==> flow/design.v <==
module sync_add_core_mod #(
    parameter DW = 80
) (
    input  logic clk_i,
    input  logic srst,
    input  logic [DW-1:0] rs1_i,
    input  logic [DW-1:0] rs2_i,
    input  logic [DW-1:0] rs3_i,
    output logic [DW+1:0] q_o
);
    logic [DW-1:0] rs1_q;
    always_ff @(posedge clk_i or posedge srst) begin
        if (srst) begin
            rs1_q <= '0;
        end else begin
            rs1_q <= rs1_i;
        end
    end
    logic [DW-1:0] rs2_q;
    always_ff @(posedge clk_i or posedge srst) begin
        if (srst) begin
            rs2_q <= '0;
        end else begin
            rs2_q <= rs2_i;
        end
    end
    logic [DW-1:0] rs3_q;
    always_ff @(posedge clk_i or posedge srst) begin
        if (srst) begin
            rs3_q <= '0;
        end else begin
            rs3_q <= rs3_i;
        end
    end
    logic [DW-1:0] work;
    assign work = rs1_q ^ rs2_q ^ rs3_q;
    logic [DW-1:0] c;
    assign c = (rs1_q & rs2_q) | (rs1_q & rs3_q) | (rs2_q & rs3_q);
    always_ff @(posedge clk_i or posedge srst) begin
        if (srst) begin
            q_o <= '0;
        end else begin
            q_o <= work + {c, 1'b0};
        end
    end
endmodule
# Reports on sync_add_core_mod
# Tool output for the design above, in the order of the flow.
# Lines are those of the file above, counted from 1.
# Not given: n/a
# setup
top_module	sync_add_core_mod
clk_port	clk_i
lib	sky130hd
pvt_corner	tt_025C_1v80

# After elaboration
# Yosys after proc, flatten, opt, wreduce and memory -nomap, before mapping. Enables and synchronous resets that opt folds into registers are not counted as muxes. Memory bits, and registers merged into a memory's read port (data or address), are not among the register bits. Print and check cells are not counted. Equal cells are merged and count once.
# op_classes
addsub	1
logic	7
# ops
cell	count
80-bit bitwise AND	3
80-bit OR	2
80-bit bitwise XOR	2
80-bit by 81-bit adder with 82-bit output	1
# bits
register_bits	322
output_inout_bits	82

# Logic depth
# Longest topological path by Yosys (ltp), each cell counted once; first at word level (registers and memories cut), then after technology mapping (sequential cells cut; the memories' decode and read muxes count).
# depth
ltp_word	4
ABC_AREA	0
mapped_depth	15
ltp_nobuf	15

# Mapped cells and area
# The flow's flattened synthesis, as Yosys stat reports it; memories are mapped. The netlist is that of the ABC_AREA named above (0 if unset); the other value can give another one.
# Totals and module areas in this step are rounded.
# synth_totals
cells	1150
synth_area_um2	14600
flip_flops	322
n_buf	31
# by_type
type	count
sky130_fd_sc_hd__dfrtp_1	322
sky130_fd_sc_hd__fa_1	81
sky130_fd_sc_hd__ha_1	79
sky130_fd_sc_hd__a21oi_1	99
sky130_fd_sc_hd__a21o_1	47
sky130_fd_sc_hd__xnor2_1	40
sky130_fd_sc_hd__nand2_1	72
sky130_fd_sc_hd__xor2_1	30
sky130_fd_sc_hd__o21ai_0	46
sky130_fd_sc_hd__nor2_1	50
sky130_fd_sc_hd__nand4_1	26
sky130_fd_sc_hd__inv_1	42
sky130_fd_sc_hd__o21bai_1	19
sky130_fd_sc_hd__clkbuf_1	28
sky130_fd_sc_hd__o21a_1	13
sky130_fd_sc_hd__nand3_1	19
sky130_fd_sc_hd__a31oi_1	11
sky130_fd_sc_hd__nor3_1	13
# Other cell types: 45; their cells: 113.

# Worst setup path after synthesis
# OpenSTA on the mapped netlist: ideal clock, no wires. The path of least setup slack (recovery checks aside). Input and output delay are each 20% of the period. Register names are those of the netlist, which keeps one name where synthesis merged equal registers.
# synth_path
path_kind	flip-flop to flip-flop
from	register rs1_q[1]
to	register q_o[71]
period_ns	4.55
t_first_pin_ns	0.000
arrival_ns	3.513
required_ns	4.423
slack_ns	0.910
path_delay_ns	3.640
driving_pins	14
path_buffers	0
period_less_setup_slack_ns	3.64
# "path_delay_ns" is the arrival time less input delay plus setup time.
# "driving_pins" counts driving pins, that of a launching flip-flop among them; a cell with two outputs on the path counts twice.
# "period_less_setup_slack_ns" = period - worst setup slack (recovery checks aside). The figure is calculated, with input and output delays left at 20% of the set period.
# Between the ends stands the longest chain of elaborated cells between them, by number of cells; it is not shown to be the way that was timed. Of several equally long chains one is given.
# A line is the first line of the expression or statement that the cell stems from. Yosys adds cells for indexed reads and writes and turns some case tables into memories.
# synth_via
cell_sequence	sky130_fd_sc_hd__dfrtp_1 > sky130_fd_sc_hd__fa_1 > sky130_fd_sc_hd__ha_1 > sky130_fd_sc_hd__fa_1 > sky130_fd_sc_hd__a211oi_1 > sky130_fd_sc_hd__nor2_1 > sky130_fd_sc_hd__o31ai_1 > sky130_fd_sc_hd__o211ai_1 > sky130_fd_sc_hd__a31oi_1 > sky130_fd_sc_hd__o21ai_1 > sky130_fd_sc_hd__a31o_2 > sky130_fd_sc_hd__a21oi_2 > sky130_fd_sc_hd__o21ai_1 > sky130_fd_sc_hd__xor2_1
elab_chain_len	4
cone_cells	7
cone_lines	3
cone_classes	1 x add/sub; 6 x logic
# synth_lines
item	line	text
from (decl)	11	logic [DW-1:0] rs1_q;
from (assign)	14	rs1_q <= '0;
from (assign)	16	rs1_q <= rs1_i;
80-bit bitwise AND	38	assign c = (rs1_q & rs2_q) | (rs1_q & rs3_q) | (rs2_q & rs3_q);
80-bit OR (2 in a row)	38
80-bit by 81-bit adder with 82-bit output	43	q_o <= work + {c, 1'b0};
to (assign)	41	q_o <= '0;
to (assign)	43
to (decl)	9	output logic [DW+1:0] q_o

# Timing after layout
# Path of least setup slack in the final report of job 1 (OpenROAD, finished layout, wires in). Where an end is a register, its clock arrival counts in the times.
# layout_path
path_kind	flip-flop to flip-flop
from	register rs1_q[1]
to	register q_o[73]
period_ns	5.95
t_first_pin_ns	0.57
arrival_ns	5.08
required_ns	6.38
slack_ns	1.31
driving_pins	14
path_buffers	0
# Between the ends stands the longest chain of elaborated cells between them, by number of cells; it is not shown to be the way that was timed. Of several equally long chains one is given.
# layout_via
cell_sequence	sky130_fd_sc_hd__dfrtp_1 > sky130_fd_sc_hd__fa_1 > sky130_fd_sc_hd__ha_1 > sky130_fd_sc_hd__fa_1 > sky130_fd_sc_hd__a211oi_1 > sky130_fd_sc_hd__nor2_1 > sky130_fd_sc_hd__o31ai_1 > sky130_fd_sc_hd__o21ai_1 > sky130_fd_sc_hd__a21o_1 > sky130_fd_sc_hd__a31oi_1 > sky130_fd_sc_hd__o211ai_1 > sky130_fd_sc_hd__a21oi_1 > sky130_fd_sc_hd__o21ai_1 > sky130_fd_sc_hd__xnor2_1
elab_chain_len	4
cone_cells	7
cone_lines	3
cone_classes	1 x add/sub; 6 x logic
# layout_lines
item	line	text
from (decl)	11	logic [DW-1:0] rs1_q;
from (assign)	14	rs1_q <= '0;
from (assign)	16	rs1_q <= rs1_i;
80-bit bitwise AND	38	assign c = (rs1_q & rs2_q) | (rs1_q & rs3_q) | (rs2_q & rs3_q);
80-bit OR (2 in a row)	38
80-bit by 81-bit adder with 82-bit output	43	q_o <= work + {c, 1'b0};
to (assign)	41	q_o <= '0;
to (assign)	43
to (decl)	9	output logic [DW+1:0] q_o

# Record of 3 stored runs of the RTL-to-layout flow on sync_add_core_mod, platform sky130hd. The runs are unordered. Constraints: input delay and output delay 20% of the set period each, output load 0.01 pF.
# "achievedPeriod_ns" = clock period - worst setup slack. The figure is calculated, with input and output delays left at 20% of the set period.
# By "timing.worst_path_ns" is meant the share of the clock period that the worst setup path is allowed (20% is reserved at inputs, 20% at outputs), minus its slack. Clock arrival times at its registers enter into it.
# The results are shown rounded.
# Among the settings, -- means not set for that run.
stored run	period_ns	CORE_UTILIZATION	SETUP_SLACK_MARGIN	CORE_ASPECT_RATIO	TNS_END_PERCENT	CAP_MARGIN	CORE_MARGIN	SLEW_MARGIN	PLACE_DENSITY	CELL_PAD_IN_SITES_GLOBAL_PLACEMENT	GPL_ROUTABILITY_DRIVEN	CTS_CLUSTER_DIAMETER	synthesis_area_um2	die_footprint_um2	finish.stdcell_area_um2	layout_utilization_pct	final_setup_ws_ns	achievedPeriod_ns	timing.worst_path_ns	worst_setup_path_type
job 1	5.95	64	0.0	1.8	100	40	2	20	--	--	--	--	14600	24100	19100	84.5	1.31	4.644	4.64	flip-flop to flip-flop
job 2	3.5	25	--	1.28	--	15	5	20	0.88	1	0	317	14600	63400	21700	37.4	-0.151	3.651	3.65	flip-flop to flip-flop
job 3	4.55	40	--	--	--	20	2	20	--	--	--	--	14600	38100	19600	55.0	0.426	4.124	4.12	flip-flop to flip-flop
